==> flow/design.v <==
module sync_mul_unit_stage #(
  parameter int DATA_W = 14
) (
  input logic sys_clk,
  input logic [DATA_W-1:0] a_i,
  input logic [DATA_W-1:0] b_i,
  input logic zero_i,
  output logic [2*DATA_W-1:0] m_o,
  output logic fin_o
);
  logic [DATA_W-1:0] a_reg;
  logic [DATA_W-1:0] b_reg;
  logic zero_reg;
  localparam int SEL_W = $clog2(DATA_W + 1);
  logic [DATA_W-1:0] mcand;
  logic [SEL_W-1:0] left;
  logic [2*DATA_W-1:0] state;
  logic [DATA_W:0] work;
  assign work = state[2*DATA_W-1:DATA_W] + (state[0] ? mcand : {DATA_W{1'b0}});
  assign m_o = state;
  assign fin_o = (left == 0);
  always_ff @(posedge sys_clk) begin
    a_reg <= a_i;
    b_reg <= b_i;
    zero_reg <= zero_i;
    mcand <= zero_reg ? a_reg : mcand;
    left <= zero_reg ? DATA_W : (left != 0) ? left - 1'b1 : left;
    state <= zero_reg ? {{DATA_W{1'b0}}, b_reg} : (left != 0) ? {work, state[DATA_W-1:1]} : state;
  end
endmodule
Reports on sync_mul_unit_stage
What the tools print for sync_mul_unit_stage, step after step.
Lines are those of the file above, counted from 1.
Operators carry their Yosys type and port widths (W data, S select, Z words).
Cell names lack the library's common part.
Not given: --
- top module: sync_mul_unit_stage
- clock: sys_clk
- cell library: sky130hd
- corner: tt_025C_1v80

Elaborated design
Yosys after proc, flatten, opt, wreduce and memory -nomap, before mapping. Memory bits, and registers merged into a memory's read port (data or address), are not among the register bits. Print and check cells are not counted. Equal cells are merged and count once.
- output and inout bits at 29
- noted input port bits: 30
- noted cells after elaboration: 15
- register bits after elaboration at 75
- add/subtract/negate cells at 2
- reduce/logical cells at 3
- mux-type cells at 3
- operators by type and width (kind ; count):
    $mux W14 ; 3
    $add A14 B14 Y15 ; 1
    $sub A4 B1 Y4 const B ; 1
    $logic_not A4 Y1 ; 1
    $reduce_bool A4 Y1 ; 1
    $reduce_bool A2 Y1 ; 1

Logic depth
Yosys ltp: most cells in a row. Word level: on the elaborated netlist, between registers, memories and ports. Mapped: between sequential cells and ports; inverters and the memories' decode and read muxes count.
- depth after elaboration at 4
- noted ABC_AREA: 0
- mapped depth at 9
- gate-level depth less buffers: 8

Netlist
The flow's flattened synthesis, as Yosys stat reports it; memories are mapped. The netlist is that of the ABC_AREA named above (0 if unset); the other value can give another one.
Totals and module areas in this step are rounded.
- cell types (type ; count ; area in all (um^2)):
    dfxtp_1 ; 47 ; 940.902
    edfxtp_1 ; 28 ; 840.806
    ha_1 ; 15 ; 187.68
    mux2_2 ; 14 ; 157.651
    and2_1 ; 14 ; 87.584
    nand2_1 ; 19 ; 71.318
    a21oi_1 ; 13 ; 65.062
    xnor2_1 ; 7 ; 61.309
    a211oi_1 ; 6 ; 45.043
    a21o_1 ; 6 ; 45.043
    nand3_1 ; 8 ; 40.038
    o21ai_0 ; 8 ; 40.038
    clkbuf_1 ; 9 ; 33.782
    nor2_1 ; 8 ; 30.029
    a2111oi_4 ; 1 ; 27.526
    nor4b_1 ; 3 ; 26.275
    xor2_1 ; 3 ; 26.275
    a31oi_1 ; 4 ; 25.024
Other cell types: 27; their cells: 44.
- cells in the netlist: 257
- flip-flops at 75
- buffer cells: 12
- synthesis area at 3069 um^2
- noted sequential area: 1782 um^2

Path before layout
OpenSTA on the mapped netlist: ideal clock, no wires. The path of least setup slack (recovery checks aside). Input and output delay are each 20% of the period. Register names are those of the netlist, which keeps one name where synthesis merged equal registers.
- path type: reg2reg
- from: register state[0]
- to: register state[21]
- buffers on the path at 1
- launch time at the first pin at 0.000 ns
- noted path slack: 0.575 ns
- period at 2.89 ns
- arrival time: 2.229 ns
- noted setup time: 0.086 ns
- noted delay of the path: 2.315 ns
- driving pins on the path at 10
- data required time at 2.804 ns
- noted synthesis period reached: 2.315 ns
"delay of the path" = arrival - input delay + setup time.
"driving pins on the path": output pins that drive a net of the path, with the launching flip-flop's if there is one; two outputs of one cell count as two.
"synthesis period reached" = period - worst setup slack (recovery checks aside). The figure is calculated, with input and output delays left at 20% of the set period.
The rows between start and end are the longest chain of elaborated cells between them; the timing report does not say that the signal goes this way. Where chains are equally long, one stands for them.
Each line given opens the expression or statement behind the cell; cells for indexed reads and writes are added by Yosys, which also makes memories of some case tables.
- path through: edfxtp_1 clkbuf_1 and2_1 ha_1 fa_1 a21oi_1 o21ai_0 a31oi_1 xor2_1 a211oi_1
- noted length of the longest elaborated chain: 2
- noted elaborated cells on any way between the ends: 2
- noted source lines of those cells: 1
- those cells by class: add/sub: 1; mux: 1
- RTL lines, path post-synthesis (item ; line ; text):
    start, declared ; 17 ; logic [2*DATA_W-1:0] state;
    start, assigned ; 28 ; state <= zero_reg ? {{DATA_W{1'b0}}, b_reg} : (left != 0) ? {work, state[DATA_W-1:1]} : state;
    $mux W14 ; 19 ; assign work = state[2*DATA_W-1:DATA_W] + (state[0] ? mcand : {DATA_W{1'b0}});
    $add A14 B14 Y15 ; 19 ;
    end, assigned ; 28 ;
    end, declared ; 17 ;

Path in the finished layout
Path of least setup slack in the final report of record 1 (OpenROAD, finished layout, wires in). Where an end is a register, its clock arrival counts in the times.
- path type: reg2out
- from: register left[0]
- to: output port fin_o
- data required time at 2.93 ns
- launch time at the first pin at 0.33 ns
- buffers on the path at 1
- noted path slack: 0.87 ns
- driving pins on the path at 6
- arrival time: 2.06 ns
- external output delay at 0.73 ns
- period at 3.66 ns
The rows between start and end are the longest chain of elaborated cells between them; the timing report does not say that the signal goes this way. Where chains are equally long, one stands for them.
- path through: dfxtp_1 inv_1 ha_1 or3b_1 inv_2 clkdlybuf4s50_1
- noted length of the longest elaborated chain: 1
- noted elaborated cells on any way between the ends: 1
- noted source lines of those cells: 1
- those cells by class: reduce/logical: 1
- RTL lines, path after layout (item ; line ; text):
    start, declared ; 16 ; logic [SEL_W-1:0] left;
    start, assigned ; 27 ; left <= zero_reg ? DATA_W : (left != 0) ? left - 1'b1 : left;
    $logic_not A4 Y1 ; 21 ; assign fin_o = (left == 0);
    end, declared ; 9 ; output logic fin_o

Subject: sync_mul_unit_stage on sky130hd, stored results

Hello all,

Below are 3 stored runs of the flow (Yosys, OpenROAD; platform sky130hd) on sync_mul_unit_stage, each with its settings and what was measured, unordered. Constraints: input delay and output delay 20% of the set period each, output load 0.01 pF.
"allowed time less slack (worst setup path)" is the time allowed to the run's worst setup path (the clock period less input and output delay, where it has them) less its slack. Clock arrival times count: a late capture clock shortens it, a late launch clock lengthens it.
"power": no workload was simulated; the value follows from the tool's default switching activity.
Results are given in rounded form.

Record 1

==> flow/run.sh <==
#!/bin/bash
# the make line also repeats the synthesis and layout settings of config.mk as NAME=value (left out here)
make -C /OpenROAD-flow-scripts/flow DESIGN_CONFIG=/design/flow/config.mk WORK_HOME=/design/flow/orfs CLKGATE_MAP_FILE= finish
==> flow/config.mk <==
export PLATFORM = sky130hd
export DESIGN_NAME = sync_mul_unit_stage
export DESIGN_NICKNAME = sync_mul_unit_stage
export VERILOG_FILES = /design/flow/design.v
export SDC_FILE = /design/flow/constraint.sdc
export NUM_CORES = 4
export LEC_CHECK = 0
export CAP_MARGIN = 20
export CELL_PAD_IN_SITES_DETAIL_PLACEMENT = 2
export CELL_PAD_IN_SITES_GLOBAL_PLACEMENT = 1
export CORE_ASPECT_RATIO = 0.52
export CORE_MARGIN = 2
export CORE_UTILIZATION = 38
export GPL_ROUTABILITY_DRIVEN = 1
export MAX_ROUTING_LAYER = met4
export PLACE_DENSITY = 0.66
export SLEW_MARGIN = 20
==> flow/constraint.sdc <==
create_clock -name core_clock -period 3.66 [get_ports {sys_clk}]
set_input_delay 0.7320 -clock core_clock [delete_from_list [all_inputs] [get_ports {sys_clk}]]
set_output_delay 0.7320 -clock core_clock [all_outputs]
set_load 0.01 [all_outputs]

Measured in record 1:
- final worst hold slack at 0.404 ns
- noted the power: 2389 µW
- noted the standard-cell area after layout: 4036 um^2
- post-layout utilization: 0.519
- noted the allowed time less slack (worst setup path): 2.06 ns
- critical path kind: reg2out
- area of the die: 8850 um^2
- noted the summed negative setup slack: 0.000 ns
- noted the post-synthesis cell area: 3069 um^2
- worst slack on setup checks at 0.866 ns

Record 2

==> flow/run.sh <==
#!/bin/bash
# the make line also repeats the synthesis and layout settings of config.mk as NAME=value (left out here)
make -C /OpenROAD-flow-scripts/flow DESIGN_CONFIG=/design/flow/config.mk WORK_HOME=/design/flow/orfs CLKGATE_MAP_FILE= finish
==> flow/config.mk <==
export PLATFORM = sky130hd
export DESIGN_NAME = sync_mul_unit_stage
export DESIGN_NICKNAME = sync_mul_unit_stage
export VERILOG_FILES = /design/flow/design.v
export SDC_FILE = /design/flow/constraint.sdc
export NUM_CORES = 4
export LEC_CHECK = 0
export CAP_MARGIN = 30
export CORE_MARGIN = 5
export CORE_UTILIZATION = 63
export CTS_CLUSTER_SIZE = 68
export MAX_ROUTING_LAYER = met5
export SETUP_SLACK_MARGIN = 0.1
export SLEW_MARGIN = 20
==> flow/constraint.sdc <==
create_clock -name core_clock -period 1.95 [get_ports {sys_clk}]
set_input_delay 0.3900 -clock core_clock [delete_from_list [all_inputs] [get_ports {sys_clk}]]
set_output_delay 0.3900 -clock core_clock [all_outputs]
set_load 0.01 [all_outputs]

Measured in record 2:
- final worst hold slack at 0.413 ns
- noted the power: 4741 µW
- noted the standard-cell area after layout: 4492 um^2
- post-layout utilization: 0.951
- noted the allowed time less slack (worst setup path): 2.45 ns
- critical path kind: reg2reg
- area of the die: 6367 um^2
- noted the summed negative setup slack: -4.695 ns
- noted the post-synthesis cell area: 3069 um^2
- worst slack on setup checks at -0.499 ns

Record 3

==> flow/run.sh <==
#!/bin/bash
# the make line also repeats the synthesis and layout settings of config.mk as NAME=value (left out here)
make -C /OpenROAD-flow-scripts/flow DESIGN_CONFIG=/design/flow/config.mk WORK_HOME=/design/flow/orfs CLKGATE_MAP_FILE= finish
==> flow/config.mk <==
export PLATFORM = sky130hd
export DESIGN_NAME = sync_mul_unit_stage
export DESIGN_NICKNAME = sync_mul_unit_stage
export VERILOG_FILES = /design/flow/design.v
export SDC_FILE = /design/flow/constraint.sdc
export NUM_CORES = 4
export LEC_CHECK = 0
export CAP_MARGIN = 20
export CORE_MARGIN = 2
export CORE_UTILIZATION = 40
export SLEW_MARGIN = 20
==> flow/constraint.sdc <==
create_clock -name core_clock -period 2.89 [get_ports {sys_clk}]
set_input_delay 0.5780 -clock core_clock [delete_from_list [all_inputs] [get_ports {sys_clk}]]
set_output_delay 0.5780 -clock core_clock [all_outputs]
set_load 0.01 [all_outputs]

Measured in record 3:
- final worst hold slack at 0.403 ns
- noted the power: 2726 µW
- noted the standard-cell area after layout: 3951 um^2
- post-layout utilization: 0.539
- noted the allowed time less slack (worst setup path): 2.02 ns
- critical path kind: reg2out
- area of the die: 8390 um^2
- noted the summed negative setup slack: 0.000 ns
- noted the post-synthesis cell area: 3069 um^2
- worst slack on setup checks at 0.292 ns

Thanks
